==> flow/design.v <==
module core_summer_mod #(
   parameter integer DWIDTH = 12,
   parameter integer LANES = 7,
   parameter integer OUT_W = DWIDTH + $clog2(LANES)
) (
   input wire ck,
   input wire RST,
   input wire adv,
   input wire [LANES*DWIDTH-1:0] bus,
   output reg [OUT_W-1:0] s
);
   reg [OUT_W-1:0] val;
   integer t;
   always @(*) begin
      val = 0;
      for (t = 0; t < LANES; t = t + 1)
         val = val + bus[t*DWIDTH +: DWIDTH];
   end
   always @(posedge ck) begin
      if (RST) begin
         s <= 0;
      end else if (adv) begin
         s <= val;
      end
   end
endmodule
======== From RTL to reports: core_summer_mod ========
Tool output for the design above, in the order of the flow.
Line numbers count from 1 in the design file above.
Operators carry their Yosys type and port widths (W data, S select, Z words).
Not given: --
inputs
  top ..................................... core_summer_mod
  clock input ............................. ck
  cell library ............................ sky130hd
  timing corner ........................... tt_025C_1v80

======== Word-level counts ========
Counts by Yosys on the flattened word-level netlist (proc, flatten, opt, wreduce; memories kept). Register bits leave out memories and registers merged into their read ports (data or address); mux counts leave out enables and synchronous resets folded into registers. Print and check cells are left out. Cells with the same type and inputs are merged into one.
storage and ports
  register bits ........................... 15
  elaborated cells ........................ 7
  bits of input ports ..................... 87
cells by class
  add/subtract/negate cells ............... 6
operators by type and width
  cell              count
  $add A15 B12 Y15  3
  $add A14 B12 Y15  1
  $add A13 B12 Y14  1
  $add A12 B12 Y13  1

======== Longest topological paths ========
Longest topological path by Yosys (ltp), each cell counted once; first at word level (registers and memories cut), then after technology mapping (sequential cells cut; the memories' decode and read muxes count).
depth
  word-level depth ........................ 6
  ABC_AREA ................................ 0
  depth in mapped cells ................... 14
  mapped depth without buffers ............ 14

======== Synthesis result ========
Yosys stat after the flow's synthesis: flattened, memories mapped to cells. It holds for the ABC_AREA given above (unset counts as 0); a run with the other value may have another netlist.
The area totals of this step are shown rounded.
cell types
  type                       count
  sky130_fd_sc_hd__fa_1      58
  sky130_fd_sc_hd__inv_1     131
  sky130_fd_sc_hd__dfxtp_1   15
  sky130_fd_sc_hd__ha_1      17
  sky130_fd_sc_hd__nor2_1    15
  sky130_fd_sc_hd__a21o_1    7
  sky130_fd_sc_hd__nand2b_1  7
  sky130_fd_sc_hd__a21oi_1   8
  sky130_fd_sc_hd__mux2i_1   4
  sky130_fd_sc_hd__nand2_1   10
  sky130_fd_sc_hd__xor2_1    4
  sky130_fd_sc_hd__a211oi_2  2
  sky130_fd_sc_hd__o211ai_2  2
  sky130_fd_sc_hd__o21ai_0   5
  sky130_fd_sc_hd__a211oi_1  3
  sky130_fd_sc_hd__nor3b_1   3
  sky130_fd_sc_hd__a211oi_4  1
  sky130_fd_sc_hd__o22ai_1   3
Other cell types: 20; their cells: 30.
synthesis totals
  sequential area ......................... 300 um2
  synthesis area .......................... 2800 um2
  mapped flip-flops ....................... 15
  mapped cells ............................ 325
  buffers ................................. 4

======== Path before layout ========
Path of least setup slack by OpenSTA after synthesis, without wires, with an ideal clock, recovery checks aside; 20% of the period is set as input and as output delay. Where synthesis merged equal registers, the netlist keeps one of their names.
timing path post-synthesis
  kind .................................... input-to-reg
  from .................................... input port bus[2]
  to ...................................... register s[12]
  stages .................................. 14
  time at the first pin ................... 1.112 ns
  path delay .............................. 3.560 ns
  arrival ................................. 4.550 ns
  required time ........................... 5.438 ns
  external input delay .................... 1.112 ns
  setup time .............................. 0.122 ns
  clock period ............................ 5.56 ns
  path buffers ............................ 0
  setup slack ............................. 0.888 ns
  synthesis period reached ................ 4.672 ns
"path delay" = arrival - input delay + setup time.
"stages" counts driving pins, that of a launching flip-flop among them; a cell with two outputs on the path counts twice.
"synthesis period reached" = period - worst setup slack (recovery checks aside). The figure is calculated, with input and output delays left at 20% of the set period.
The rows between start and end are the longest chain of elaborated cells between them; the timing report does not say that the signal goes this way. Where chains are equally long, one stands for them.
Each line given opens the expression or statement behind the cell; cells for indexed reads and writes are added by Yosys, which also makes memories of some case tables.
on the way, post-synthesis
  path through ............................ sky130_fd_sc_hd__inv_1 > sky130_fd_sc_hd__fa_1 > sky130_fd_sc_hd__inv_1 > sky130_fd_sc_hd__fa_1 > sky130_fd_sc_hd__fa_1 > sky130_fd_sc_hd__inv_1 > sky130_fd_sc_hd__fa_1 > sky130_fd_sc_hd__inv_1 > sky130_fd_sc_hd__ha_1 > sky130_fd_sc_hd__a211oi_4 > sky130_fd_sc_hd__o211ai_2 > sky130_fd_sc_hd__a31oi_1 > sky130_fd_sc_hd__xor2_1 > sky130_fd_sc_hd__o21ai_1
  cells in the longest elaborated chain ... 6
RTL lines, path post-synthesis
  element              line  RTL
  start, declared      9     input wire [LANES*DWIDTH-1:0] bus,
  $add A12 B12 Y13     17    val = val + bus[t*DWIDTH +: DWIDTH];
  $add A13 B12 Y14     17
  $add A14 B12 Y15     17
  $add A15 B12 Y15 x3  17
  end, assigned        21    s <= 0;
  end, assigned        23    s <= val;
  end, declared        10    output reg [OUT_W-1:0] s

======== Path in the finished layout ========
From the final timing report of job 1: the path of least setup slack in the routed layout; clock arrival at registers is part of the times.
timing path post-layout
  kind .................................... input-to-reg
  from .................................... input port bus[2]
  to ...................................... register s[13]
  required time ........................... 5.69 ns
  path buffers ............................ 1
  setup time .............................. 0.12 ns
  time at the first pin ................... 1.11 ns
  stages .................................. 14
  setup slack ............................. 0.47 ns
  arrival ................................. 5.22 ns
  clock period ............................ 5.56 ns
  external input delay .................... 1.11 ns
The rows between start and end are the longest chain of elaborated cells between them; the timing report does not say that the signal goes this way. Where chains are equally long, one stands for them.
on the way, post-layout
  path through ............................ sky130_fd_sc_hd__clkdlybuf4s50_1 > sky130_fd_sc_hd__inv_1 > sky130_fd_sc_hd__fa_1 > sky130_fd_sc_hd__inv_1 > sky130_fd_sc_hd__fa_1 > sky130_fd_sc_hd__fa_1 > sky130_fd_sc_hd__inv_1 > sky130_fd_sc_hd__fa_1 > sky130_fd_sc_hd__fa_1 > sky130_fd_sc_hd__nand2b_1 > sky130_fd_sc_hd__a21o_1 > sky130_fd_sc_hd__a21oi_1 > sky130_fd_sc_hd__a41o_1 > sky130_fd_sc_hd__nor3_2
  cells in the longest elaborated chain ... 6
RTL lines, path post-layout
  element              line  RTL
  start, declared      9     input wire [LANES*DWIDTH-1:0] bus,
  $add A12 B12 Y13     17    val = val + bus[t*DWIDTH +: DWIDTH];
  $add A13 B12 Y14     17
  $add A14 B12 Y15     17
  $add A15 B12 Y15 x3  17
  end, assigned        21    s <= 0;
  end, assigned        23    s <= val;
  end, declared        10    output reg [OUT_W-1:0] s

Measured data: module core_summer_mod, platform sky130hd, 3 stored runs of the flow under differing settings, order arbitrary. Input and output delays are each 20% of the period that was set; the output load is 0.01 pF.
"period reached" is the run's clock period less its worst setup slack. It is reckoned from that one timing run; input and output delays stay at 20% of the period that was set.
"critical setup path time" means the part of the period allowed to the worst setup path (the constraints hold back 20% at inputs and 20% at outputs) less its slack; where the path has registers, the arrival times of their clocks count too.
"total power after layout" is the tool's figure for a default switching activity; nothing was simulated.
Results are given in rounded form.

======== job 1 ========
==> flow/run.sh <==
#!/bin/bash
# the make line also repeats the synthesis and layout settings of config.mk as NAME=value (left out here)
make -C /OpenROAD-flow-scripts/flow DESIGN_CONFIG=/design/flow/config.mk WORK_HOME=/design/flow/orfs CLKGATE_MAP_FILE= finish
==> flow/config.mk <==
export PLATFORM = sky130hd
export DESIGN_NAME = core_summer_mod
export DESIGN_NICKNAME = core_summer_mod
export VERILOG_FILES = /design/flow/design.v
export SDC_FILE = /design/flow/constraint.sdc
export NUM_CORES = 4
export LEC_CHECK = 0
export CAP_MARGIN = 20
export CORE_MARGIN = 2
export CORE_UTILIZATION = 40
export SLEW_MARGIN = 20
==> flow/constraint.sdc <==
create_clock -name core_clock -period 5.56 [get_ports {ck}]
set_input_delay 1.1120 -clock core_clock [delete_from_list [all_inputs] [get_ports {ck}]]
set_output_delay 1.1120 -clock core_clock [all_outputs]
set_load 0.01 [all_outputs]

-------- measured, job 1 --------
  synthesis area .......................... 2800 um2
  full die area ........................... 7800 um2
  standard-cell area after layout ......... 4000 um2
  post-layout utilization ................. 59 %
  worst slack on setup checks ............. 0.47 ns
  total negative slack .................... 0.000 ns
  smallest hold slack ..................... 0.48 ns
  total power after layout ................ 1.7 mW
  period reached .......................... 5.086 ns
  critical setup path time ................ 3.97 ns
  critical path type ...................... input-to-reg

======== job 2 ========
==> flow/run.sh <==
#!/bin/bash
# the make line also repeats the synthesis and layout settings of config.mk as NAME=value (left out here)
make -C /OpenROAD-flow-scripts/flow DESIGN_CONFIG=/design/flow/config.mk WORK_HOME=/design/flow/orfs CLKGATE_MAP_FILE= finish
==> flow/config.mk <==
export PLATFORM = sky130hd
export DESIGN_NAME = core_summer_mod
export DESIGN_NICKNAME = core_summer_mod
export VERILOG_FILES = /design/flow/design.v
export SDC_FILE = /design/flow/constraint.sdc
export NUM_CORES = 4
export LEC_CHECK = 0
export CAP_MARGIN = 25
export CELL_PAD_IN_SITES_GLOBAL_PLACEMENT = 0
export CORE_ASPECT_RATIO = 0.79
export CORE_MARGIN = 2
export CORE_UTILIZATION = 65
export HOLD_SLACK_MARGIN = 0.16
export PLACE_DENSITY_LB_ADDON = 0.12
export SETUP_SLACK_MARGIN = 0.29
export SLEW_MARGIN = 20
==> flow/constraint.sdc <==
create_clock -name core_clock -period 2.75 [get_ports {ck}]
set_input_delay 0.5500 -clock core_clock [delete_from_list [all_inputs] [get_ports {ck}]]
set_output_delay 0.5500 -clock core_clock [all_outputs]
set_load 0.01 [all_outputs]

-------- job 2 --------
  not finished: placement ended with error FLW-0024

======== job 3 ========
==> flow/run.sh <==
#!/bin/bash
# the make line also repeats the synthesis and layout settings of config.mk as NAME=value (left out here)
make -C /OpenROAD-flow-scripts/flow DESIGN_CONFIG=/design/flow/config.mk WORK_HOME=/design/flow/orfs CLKGATE_MAP_FILE= finish
==> flow/config.mk <==
export PLATFORM = sky130hd
export DESIGN_NAME = core_summer_mod
export DESIGN_NICKNAME = core_summer_mod
export VERILOG_FILES = /design/flow/design.v
export SDC_FILE = /design/flow/constraint.sdc
export NUM_CORES = 4
export LEC_CHECK = 0
export ABC_AREA = 1
export CAP_MARGIN = 30
export CORE_ASPECT_RATIO = 1.68
export CORE_MARGIN = 2
export CORE_UTILIZATION = 40
export CTS_CLUSTER_DIAMETER = 354
export GPL_ROUTABILITY_DRIVEN = 0
export SETUP_SLACK_MARGIN = -0.34
export SLEW_MARGIN = 20
export TNS_END_PERCENT = 50
==> flow/constraint.sdc <==
create_clock -name core_clock -period 6.15 [get_ports {ck}]
set_input_delay 1.2300 -clock core_clock [delete_from_list [all_inputs] [get_ports {ck}]]
set_output_delay 1.2300 -clock core_clock [all_outputs]
set_load 0.01 [all_outputs]

-------- measured, job 3 --------
  synthesis area .......................... 3000 um2
  full die area ........................... 8300 um2
  standard-cell area after layout ......... 4200 um2
  post-layout utilization ................. 56 %
  worst slack on setup checks ............. 1.1 ns
  total negative slack .................... 0.000 ns
  smallest hold slack ..................... 0.50 ns
  total power after layout ................ 1.8 mW
  period reached .......................... 5.032 ns
  critical setup path time ................ 3.80 ns
  critical path type ...................... input-to-reg
